==> flow/design.v <==
module u_registers_top #(
    parameter DEPTH = 32,
    parameter DW = 40,
    parameter AW = $clog2(DEPTH),
    parameter SLICES = DW / 8
) (
    input wire clk,
    input wire clk_en,
    input wire [SLICES-1:0] in_mask,
    input wire [AW-1:0] in_wr_addr,
    input wire [DW-1:0] in_d,
    input wire [AW-1:0] in_raddr,
    output reg [DW-1:0] out_rdata
);
    reg [SLICES-1:0] mask_s;
    reg [AW-1:0] wr_addr_s;
    reg [DW-1:0] d_s;
    reg [DW-1:0] gpr [0:DEPTH-1];
    integer n;
    always @(posedge clk) begin
        for (n = 0; n < SLICES; n = n + 1)
            if (clk_en && mask_s[n]) gpr[wr_addr_s][8*n +: 8] <= d_s[8*n +: 8];
    end
    reg [AW-1:0] raddr_s;
    always @(posedge clk) begin
        if (clk_en) begin
            mask_s <= in_mask;
            wr_addr_s <= in_wr_addr;
            d_s <= in_d;
            raddr_s <= in_raddr;
            out_rdata <= gpr[raddr_s];
        end
    end
endmodule
* From RTL to reports: u_registers_top
What the tools print for u_registers_top, step after step.
Line numbers count from 1 in the design file above.
Operators carry their Yosys type and port widths (W data, S select, Z words).
Cell names lack the library's common part.
The mark - stands for no value.
- Top module :: u_registers_top
- Clock :: clk
- Library :: sky130hd
- Library corner :: tt_025C_1v80

* Elaborated design
Source: Yosys, flattened and elaborated, memories not mapped. Widths are those after wreduce. Registers that Yosys merges into a memory's read port (data or address) are not register bits. Print and check cells do not count. Equal cells are merged and count once.
Memory sizes are those after Yosys's memory passes, which may raise the word count (mostly to a power of two), join words into wider ones and drop unused or constant bits.
- Bits in registers :: 55
- Memory bits (writable) :: 1280
- Word width x clocked read ports :: 40
- Memory cells :: 1
- Bits of input ports :: 57
- Output and inout bits :: 40
- Muxes and demuxes :: 10
- Reduce/logical cells :: 5
** Memories
- gpr :: words 32, width 40, read ports 1, write ports 1, line 18 : reg [DW-1:0] gpr [0:DEPTH-1];
** Operators with widths (number)
- $mux W40 :: 5
- $logic_and A1 B1 Y1 :: 5
- $mux W1 :: 5

* Depth
Longest topological path by Yosys (ltp), each cell counted once; first at word level (registers and memories cut), then after technology mapping (sequential cells cut; the memories' decode and read muxes count).
- Word-level depth :: 2
- ABC_AREA :: 0
- Depth in mapped cells :: 8
- Gate-level depth less buffers :: 5

* Mapped cells and area
Source: synth_stat.txt of the flow (Yosys; design flattened, memories mapped). It holds for the ABC_AREA given above (unset counts as 0); a run with the other value may have another netlist.
** Cells by type
- edfxtp_1 :: number 1375, area in all 41289.6 um2
- mux2i_1 :: number 640, area in all 6.41E+03 um2
- a22oi_1 :: number 120, area in all 900.864 um2
- a22o_1 :: number 80, area in all 700.672 um2
- nor2_1 :: number 162, area in all 608.083 um2
- a21oi_1 :: number 120, area in all 600.576 um2
- nand3_1 :: number 120, area in all 600.576 um2
- nand2_1 :: number 159, area in all 596.822 um2
- buf_6 :: number 30, area in all 337.824 um2
- clkbuf_1 :: number 67, area in all 251.491 um2
- a31oi_1 :: number 40, area in all 250.24 um2
- nor3_1 :: number 41, area in all 205.197 um2
- buf_4 :: number 23, area in all 172.666 um2
- buf_2 :: number 31, area in all 155.149 um2
- buf_1 :: number 23, area in all 86.333 um2
- nor2b_1 :: number 4, area in all 25.024 um2
- clkbuf_4 :: number 3, area in all 22.522 um2
- nor3b_1 :: number 3, area in all 22.522 um2
Not listed: further types 6, cells in them 9.
- Mapped cells :: 3050
- Chip area (Yosys) :: 0.0532936 mm2
- Flip-flops :: 1375
- Buffer cells :: 177

* Path before layout
OpenSTA on the mapped netlist: ideal clock, no wires. The path of least setup slack (recovery checks aside). Input and output delay are each 20% of the period. Register names are those of the netlist, which keeps one name where synthesis merged equal registers.
- Kind :: register to register
- From :: register wr_addr_s[2]
- To :: memory gpr[16][0]
- Clock period :: 2.18 ns
- Library setup time :: 0.370 ns
- Time at the first pin :: 0.000 ns
- Arrival time :: 1.371 ns
- Slack :: 0.439 ns
- Delay of the path :: 1.741 ns
- Stages :: 4
- Period reached after synthesis :: 1.741 ns
"delay of the path" is the arrival time less input delay plus setup time.
"stages" counts driving pins, that of a launching flip-flop among them; a cell with two outputs on the path counts twice.
"period reached after synthesis" is the clock period less the worst setup slack; recovery checks do not enter. This is arithmetic on one report: input and output delays are still those of the set period (20% each).
- Cell sequence :: edfxtp_1 > nor3b_1 > nand2_1 > nor2_1
** RTL lines, path post-synthesis
- start: declaration :: line 16 : reg [AW-1:0] wr_addr_s;
- start: assignment :: line 28 : wr_addr_s <= in_wr_addr;
- end: declaration :: line 18 : reg [DW-1:0] gpr [0:DEPTH-1];
Chain of elaborated cells between the ends: none given.

* Path in the finished layout
Path of least setup slack in the final report of record 1 (OpenROAD, finished layout, wires in). Where an end is a register, its clock arrival counts in the times.
- Kind :: register to register
- From :: register wr_addr_s[2]
- To :: memory gpr[19][31]
- Clock period :: 2.18 ns
- Library setup time :: 0.30 ns
- Time at the first pin :: 0.75 ns
- Arrival time :: 2.65 ns
- Slack :: -0.03 ns
- Stages :: 5
- Cell sequence :: edfxtp_1 > nor3b_1 > nand2_1 > nor2_1 > buf_4
** RTL lines, path post-layout
- start: declaration :: line 16 : reg [AW-1:0] wr_addr_s;
- start: assignment :: line 28 : wr_addr_s <= in_wr_addr;
- end: declaration :: line 18 : reg [DW-1:0] gpr [0:DEPTH-1];
Chain of elaborated cells between the ends: none given.

Lab notebook: u_registers_top

Measured results for u_registers_top: 3 stored runs of the Yosys and OpenROAD flow on sky130hd. The settings differ; the order carries no meaning. The constraints put input and output delay at 20% of the set period each and load the outputs with 0.01 pF.
By "reached clock period" is meant the clock period of the run minus its worst setup slack. This is arithmetic on one report: input and output delays are still those of the set period (20% each).
"critical setup path time" = time allowed to the worst setup path (clock period - input delay - output delay, where it has them) - its slack; a late launch clock adds to it, a late capture clock takes from it.
"total power of the final layout": no workload was simulated; the value follows from the tool's default switching activity.

* Record 1
** Files
==> flow/run.sh <==
#!/bin/bash
# the make line also repeats the synthesis and layout settings of config.mk as NAME=value (left out here)
make -C /OpenROAD-flow-scripts/flow DESIGN_CONFIG=/design/flow/config.mk WORK_HOME=/design/flow/orfs CLKGATE_MAP_FILE= finish
==> flow/config.mk <==
export PLATFORM = sky130hd
export DESIGN_NAME = u_registers_top
export DESIGN_NICKNAME = u_registers_top
export VERILOG_FILES = /design/flow/design.v
export SDC_FILE = /design/flow/constraint.sdc
export NUM_CORES = 4
export LEC_CHECK = 0
export CAP_MARGIN = 20
export CORE_MARGIN = 2
export CORE_UTILIZATION = 40
export SLEW_MARGIN = 20
==> flow/constraint.sdc <==
create_clock -name core_clock -period 2.18 [get_ports {clk}]
set_input_delay 0.4360 -clock core_clock [delete_from_list [all_inputs] [get_ports {clk}]]
set_output_delay 0.4360 -clock core_clock [all_outputs]
set_load 0.01 [all_outputs]
** Results
- Critical setup path time :: 2.21 ns
- Class of the worst setup path :: register to register
- Worst hold slack :: 0.063 ns
- Total die area :: 0.136168 mm2
- Total power of the final layout :: 0.058354 W
- Sum of negative setup slack :: -0.501 ns
- Lowest setup slack :: -0.027 ns
- Synthesis area :: 0.0532936 mm2
- Final utilization :: 0.488
- Reached clock period :: 2.207 ns
- Standard-cell area after layout :: 0.0642591 mm2

* Record 2
** Files
==> flow/run.sh <==
#!/bin/bash
# the make line also repeats the synthesis and layout settings of config.mk as NAME=value (left out here)
make -C /OpenROAD-flow-scripts/flow DESIGN_CONFIG=/design/flow/config.mk WORK_HOME=/design/flow/orfs CLKGATE_MAP_FILE= finish
==> flow/config.mk <==
export PLATFORM = sky130hd
export DESIGN_NAME = u_registers_top
export DESIGN_NICKNAME = u_registers_top
export VERILOG_FILES = /design/flow/design.v
export SDC_FILE = /design/flow/constraint.sdc
export NUM_CORES = 4
export LEC_CHECK = 0
export ABC_AREA = 1
export CAP_MARGIN = 20
export CELL_PAD_IN_SITES_DETAIL_PLACEMENT = 1
export CORE_MARGIN = 4
export CORE_UTILIZATION = 47
export GPL_TIMING_DRIVEN = 1
export MAX_ROUTING_LAYER = met4
export PLACE_DENSITY_LB_ADDON = 0.26
export SETUP_SLACK_MARGIN = 0.24
export SLEW_MARGIN = 20
==> flow/constraint.sdc <==
create_clock -name core_clock -period 1.3 [get_ports {clk}]
set_input_delay 0.2600 -clock core_clock [delete_from_list [all_inputs] [get_ports {clk}]]
set_output_delay 0.2600 -clock core_clock [all_outputs]
set_load 0.01 [all_outputs]
** Results
- Critical setup path time :: 2.16 ns
- Class of the worst setup path :: register to register
- Worst hold slack :: 0.052 ns
- Total die area :: 0.122854 mm2
- Total power of the final layout :: 0.103084 W
- Sum of negative setup slack :: -772.095 ns
- Lowest setup slack :: -0.856 ns
- Synthesis area :: 0.0551354 mm2
- Final utilization :: 0.601
- Reached clock period :: 2.156 ns
- Standard-cell area after layout :: 0.0698808 mm2

* Record 3
** Files
==> flow/run.sh <==
#!/bin/bash
# the make line also repeats the synthesis and layout settings of config.mk as NAME=value (left out here)
make -C /OpenROAD-flow-scripts/flow DESIGN_CONFIG=/design/flow/config.mk WORK_HOME=/design/flow/orfs CLKGATE_MAP_FILE= finish
==> flow/config.mk <==
export PLATFORM = sky130hd
export DESIGN_NAME = u_registers_top
export DESIGN_NICKNAME = u_registers_top
export VERILOG_FILES = /design/flow/design.v
export SDC_FILE = /design/flow/constraint.sdc
export NUM_CORES = 4
export LEC_CHECK = 0
export ABC_AREA = 1
export CAP_MARGIN = 20
export CORE_ASPECT_RATIO = 1.48
export CORE_MARGIN = 10
export CORE_UTILIZATION = 42
export GPL_ROUTABILITY_DRIVEN = 0
export GPL_TIMING_DRIVEN = 0
export MAX_ROUTING_LAYER = met5
export PLACE_DENSITY_LB_ADDON = 0.03
export SLEW_MARGIN = 20
==> flow/constraint.sdc <==
create_clock -name core_clock -period 1.17 [get_ports {clk}]
set_input_delay 0.2340 -clock core_clock [delete_from_list [all_inputs] [get_ports {clk}]]
set_output_delay 0.2340 -clock core_clock [all_outputs]
set_load 0.01 [all_outputs]
** Results
- Critical setup path time :: 2.10 ns
- Class of the worst setup path :: register to register
- Worst hold slack :: -0.129 ns
- Total die area :: 0.146447 mm2
- Total power of the final layout :: 0.115437 W
- Sum of negative setup slack :: -940.187 ns
- Lowest setup slack :: -0.929 ns
- Synthesis area :: 0.0551354 mm2
- Final utilization :: 0.56
- Reached clock period :: 2.099 ns
- Standard-cell area after layout :: 0.0729812 mm2
